==> flow/design.v <==
module u_mul_core_top (clock, aresetn, lhs_i, rhs_i, result_o);
  parameter DW = 4;
  input clock;
  input aresetn;
  input signed [DW-1:0] lhs_i;
  input signed [DW-1:0] rhs_i;
  output signed [2*DW-1:0] result_o;
  reg signed [DW-1:0] lhs_d1;
  reg signed [DW-1:0] rhs_d1;
  reg signed [2*DW-1:0] result_d1;
  always @(posedge clock or negedge aresetn) begin
    if (!aresetn) begin
      lhs_d1 <= 0;
      rhs_d1 <= 0;
      result_d1 <= 0;
    end else begin
      lhs_d1 <= lhs_i;
      rhs_d1 <= rhs_i;
      result_d1 <= lhs_d1 * rhs_d1;
    end
  end
  assign result_o = result_d1;
endmodule
=== From RTL to reports: u_mul_core_top ===
Tool output for the design above, in the order of the flow.
Lines are those of the file above, counted from 1.
Library cell names are shortened.
A cell with -- has no value.

* Top: u_mul_core_top
* Clock: clock
* Library: sky130hd
* Library corner: tt_025C_1v80

=== After elaboration ===
Yosys after proc, flatten, opt, wreduce and memory -nomap, before mapping. Enables and synchronous resets that opt folds into registers are not counted as muxes. Memory bits, and registers merged into a memory's read port (data or address), are not among the register bits. Print and check cells are not counted. Equal cells are merged and count once.

* $add $sub $neg: 0
* Multiply operators: 1
* Div/mod/pow operators: 0
* Magnitude comparators: 0
* Equal/unequal tests: 0
* Shifts and indexed selects: 0
* Muxes and demuxes: 0
* Bitwise logic cells: 0
* Reduce/logical cells: 0

{| class="wikitable"
|+ Operators with widths
! operator !! count
|-
| multiplier 4 x 4 -> 8 bit || 1
|}

* Register bits: 16
* Latch bits: 0
* RAM bits: 0
* Bits in read-only memories: 0
* Clocked read ports x word width: 0
* Memories kept: 0
* Input port bits: 10
* Output and inout port bits: 8
* Cells after elaboration: 4

=== Longest topological paths ===
Depth = most cells in a row (Yosys ltp): at word level without a register or memory, in the mapped netlist without a sequential cell, where the memories' decode and read muxes count.

* Word-level depth: 1
* ABC_AREA: 1
* Gate-level depth with buffers: 16

=== Mapped cells and area ===
Yosys stat after the flow's synthesis: flattened, memories mapped to cells. It holds for the ABC_AREA given above (unset counts as 0); a run with the other value may have another netlist.

{| class="wikitable"
|+ Cells by type
! type !! count !! area in all (um^2)
|-
| dfrtp_1 || 16 || 400.384
|-
| fa_1 || 9 || 180.173
|-
| ha_1 || 12 || 150.144
|-
| inv_1 || 25 || 93.84
|-
| nand2_1 || 23 || 86.333
|-
| nand3_1 || 5 || 25.024
|-
| xor2_1 || 2 || 17.517
|-
| nor2_1 || 4 || 15.014
|-
| a21oi_1 || 2 || 10.01
|-
| nand2_2 || 1 || 6.256
|-
| or2_1 || 1 || 6.256
|-
| or2_2 || 1 || 6.256
|-
| o21ai_0 || 1 || 5.005
|-
| inv_2 || 1 || 3.754
|}

* Cell count: 103
* Chip area (Yosys): 1006.0 um^2
* Sequential area: 400.4 um^2
* Flip-flops: 16

=== Timing after synthesis ===
OpenSTA on the mapped netlist: ideal clock, no wires. The path of least setup slack (recovery checks aside). Input and output delay are each 20% of the period. Register names are those of the netlist, which keeps one name where synthesis merged equal registers.

* Kind: register to register
* From: register lhs_d1[0]
* To: register result_d1[7]
* Period: 3970 ps
* Library setup time: 117 ps
* Time at the first pin: 0 ps
* Data arrival time: 3203 ps
* Required time: 3853 ps
* Setup slack: 651 ps
* Delay of the path: 3320 ps
* Stages on the path: 14
* Buffers on the path: 0
* Period reached after synthesis: 3319 ps

"delay of the path" is the arrival time less input delay plus setup time.
"stages on the path": output pins that drive a net of the path, with the launching flip-flop's if there is one; two outputs of one cell count as two.
"period reached after synthesis" is the clock period less the worst setup slack; recovery checks do not enter. This is arithmetic on one report: input and output delays are still those of the set period (20% each).
Between the ends stands the longest chain of elaborated cells between them, by number of cells; it is not shown to be the way that was timed. Of several equally long chains one is given.
A line is the first line of the expression or statement that the cell stems from. Yosys adds cells for indexed reads and writes and turns some case tables into memories.

* Cells stage by stage: dfrtp_1 -> or2_2 -> fa_1 -> fa_1 -> fa_1 -> inv_1 -> ha_1 -> fa_1 -> nand3_1 -> nand3_1 -> nand2_1 -> nand2_1 -> nor2_1 -> nor2_1
* Length of the longest elaborated chain: 1

{| class="wikitable"
|+ RTL lines, path post-synthesis
! what !! line !! RTL
|-
| start, declared || 8 || <nowiki>reg signed [DW-1:0] lhs_d1;</nowiki>
|-
| start, assigned || 13 || <nowiki>lhs_d1 <= 0;</nowiki>
|-
| start, assigned || 17 || <nowiki>lhs_d1 <= lhs_i;</nowiki>
|-
| multiplier 4 x 4 -> 8 bit || 19 || <nowiki>result_d1 <= lhs_d1 * rhs_d1;</nowiki>
|-
| end, assigned || 15 || <nowiki>result_d1 <= 0;</nowiki>
|-
| end, assigned || 19 ||
|-
| end, declared || 10 || <nowiki>reg signed [2*DW-1:0] result_d1;</nowiki>
|}

=== Timing after layout ===
From the final timing report of job 1: the path of least setup slack in the routed layout; clock arrival at registers is part of the times.
The report prints the path's times to 10 ps; the period is as set.

* Kind: register to register
* From: register rhs_d1[3]
* To: register result_d1[7]
* Period: 2070 ps
* Library setup time: 100 ps
* Time at the first pin: 280 ps
* Data arrival time: 3270 ps
* Required time: 2260 ps
* Setup slack: -1010 ps
* Stages on the path: 15
* Buffers on the path: 0

Between the ends stands the longest chain of elaborated cells between them, by number of cells; it is not shown to be the way that was timed. Of several equally long chains one is given.

* Cells stage by stage: dfrtp_1 -> inv_2 -> or2_4 -> fa_1 -> fa_1 -> fa_1 -> inv_2 -> ha_4 -> fa_2 -> nand3_2 -> nand3_2 -> nand2_1 -> nand2_1 -> nor2_1 -> nor2_1
* Length of the longest elaborated chain: 1

{| class="wikitable"
|+ RTL lines, path after layout
! what !! line !! RTL
|-
| start, declared || 9 || <nowiki>reg signed [DW-1:0] rhs_d1;</nowiki>
|-
| start, assigned || 14 || <nowiki>rhs_d1 <= 0;</nowiki>
|-
| start, assigned || 18 || <nowiki>rhs_d1 <= rhs_i;</nowiki>
|-
| multiplier 4 x 4 -> 8 bit || 19 || <nowiki>result_d1 <= lhs_d1 * rhs_d1;</nowiki>
|-
| end, assigned || 15 || <nowiki>result_d1 <= 0;</nowiki>
|-
| end, assigned || 19 ||
|-
| end, declared || 10 || <nowiki>reg signed [2*DW-1:0] result_d1;</nowiki>
|}

Subject: u_mul_core_top on sky130hd, stored results

Hello all,

Module u_mul_core_top, platform sky130hd: 3 stored runs of the flow (Yosys, OpenROAD) with differing settings, in no particular order. Input and output delays are each 20% of the period that was set; the output load is 0.01 pF.
"reached clock period" means the clock period less the worst setup slack. The figure is calculated, with input and output delays left at 20% of the set period.
"critical path time" = time allowed to the worst setup path (clock period - input delay - output delay, where it has them) - its slack; a late launch clock adds to it, a late capture clock takes from it.
By "power" is meant OpenSTA's value without simulated activity: inputs other than the clock are taken to toggle once in ten clock periods, and the tool carries that through the logic.
"critical path time" is known to 10 ps.

=== Job 1 ===
{| class="wikitable"
! Setting !! Value
|-
| period_ns || 2.07
|-
| CORE_UTILIZATION || 35
|-
| PLACE_DENSITY || 0.49
|-
| CELL_PAD_IN_SITES_GLOBAL_PLACEMENT || 0
|-
| TNS_END_PERCENT || 5
|-
| ABC_AREA || 1
|-
| GPL_ROUTABILITY_DRIVEN || 1
|-
| MIN_ROUTING_LAYER || met1
|-
| MAX_ROUTING_LAYER || met4
|-
| CAP_MARGIN || 20
|-
| CORE_MARGIN || 2
|-
| SLEW_MARGIN || 20
|-
! Result !! Value
|-
| Critical path time || 3080 ps
|-
| Worst setup path type || register to register
|-
| Power || 1.065 mW
|-
| Synthesis area || 1006.0 um^2
|-
| Reached clock period || 3078 ps
|-
| Die footprint || 3318.9 um^2
|-
| Post-layout utilization || 52.2%
|-
| Worst slack on setup checks || -1008 ps
|-
| Summed negative setup slack || -3593 ps
|-
| Standard-cell area after layout || 1427.6 um^2
|}

=== Job 2 ===
{| class="wikitable"
! Setting !! Value
|-
| period_ns || 3.97
|-
| CAP_MARGIN || 20
|-
| CORE_MARGIN || 2
|-
| CORE_UTILIZATION || 40
|-
| SLEW_MARGIN || 20
|-
! Result !! Value
|-
| Critical path time || 3300 ps
|-
| Worst setup path type || register to register
|-
| Power || 0.5070 mW
|-
| Synthesis area || 965.9 um^2
|-
| Reached clock period || 3302 ps
|-
| Die footprint || 2823.9 um^2
|-
| Post-layout utilization || 53.6%
|-
| Worst slack on setup checks || 668 ps
|-
| Summed negative setup slack || 0 ps
|-
| Standard-cell area after layout || 1207.4 um^2
|}

=== Job 3 ===
{| class="wikitable"
! Setting !! Value
|-
| period_ns || 2.71
|-
| CORE_UTILIZATION || 49
|-
| SETUP_SLACK_MARGIN || 0.27
|-
| PLACE_DENSITY_LB_ADDON || 0.17
|-
| CORE_ASPECT_RATIO || 1.1
|-
| CELL_PAD_IN_SITES_GLOBAL_PLACEMENT || 3
|-
| GPL_TIMING_DRIVEN || 1
|-
| CAP_MARGIN || 15
|-
| MIN_ROUTING_LAYER || met2
|-
| CORE_MARGIN || 2
|-
| SLEW_MARGIN || 20
|}
Did not finish, placement stopped with FLW-0024.

Thanks
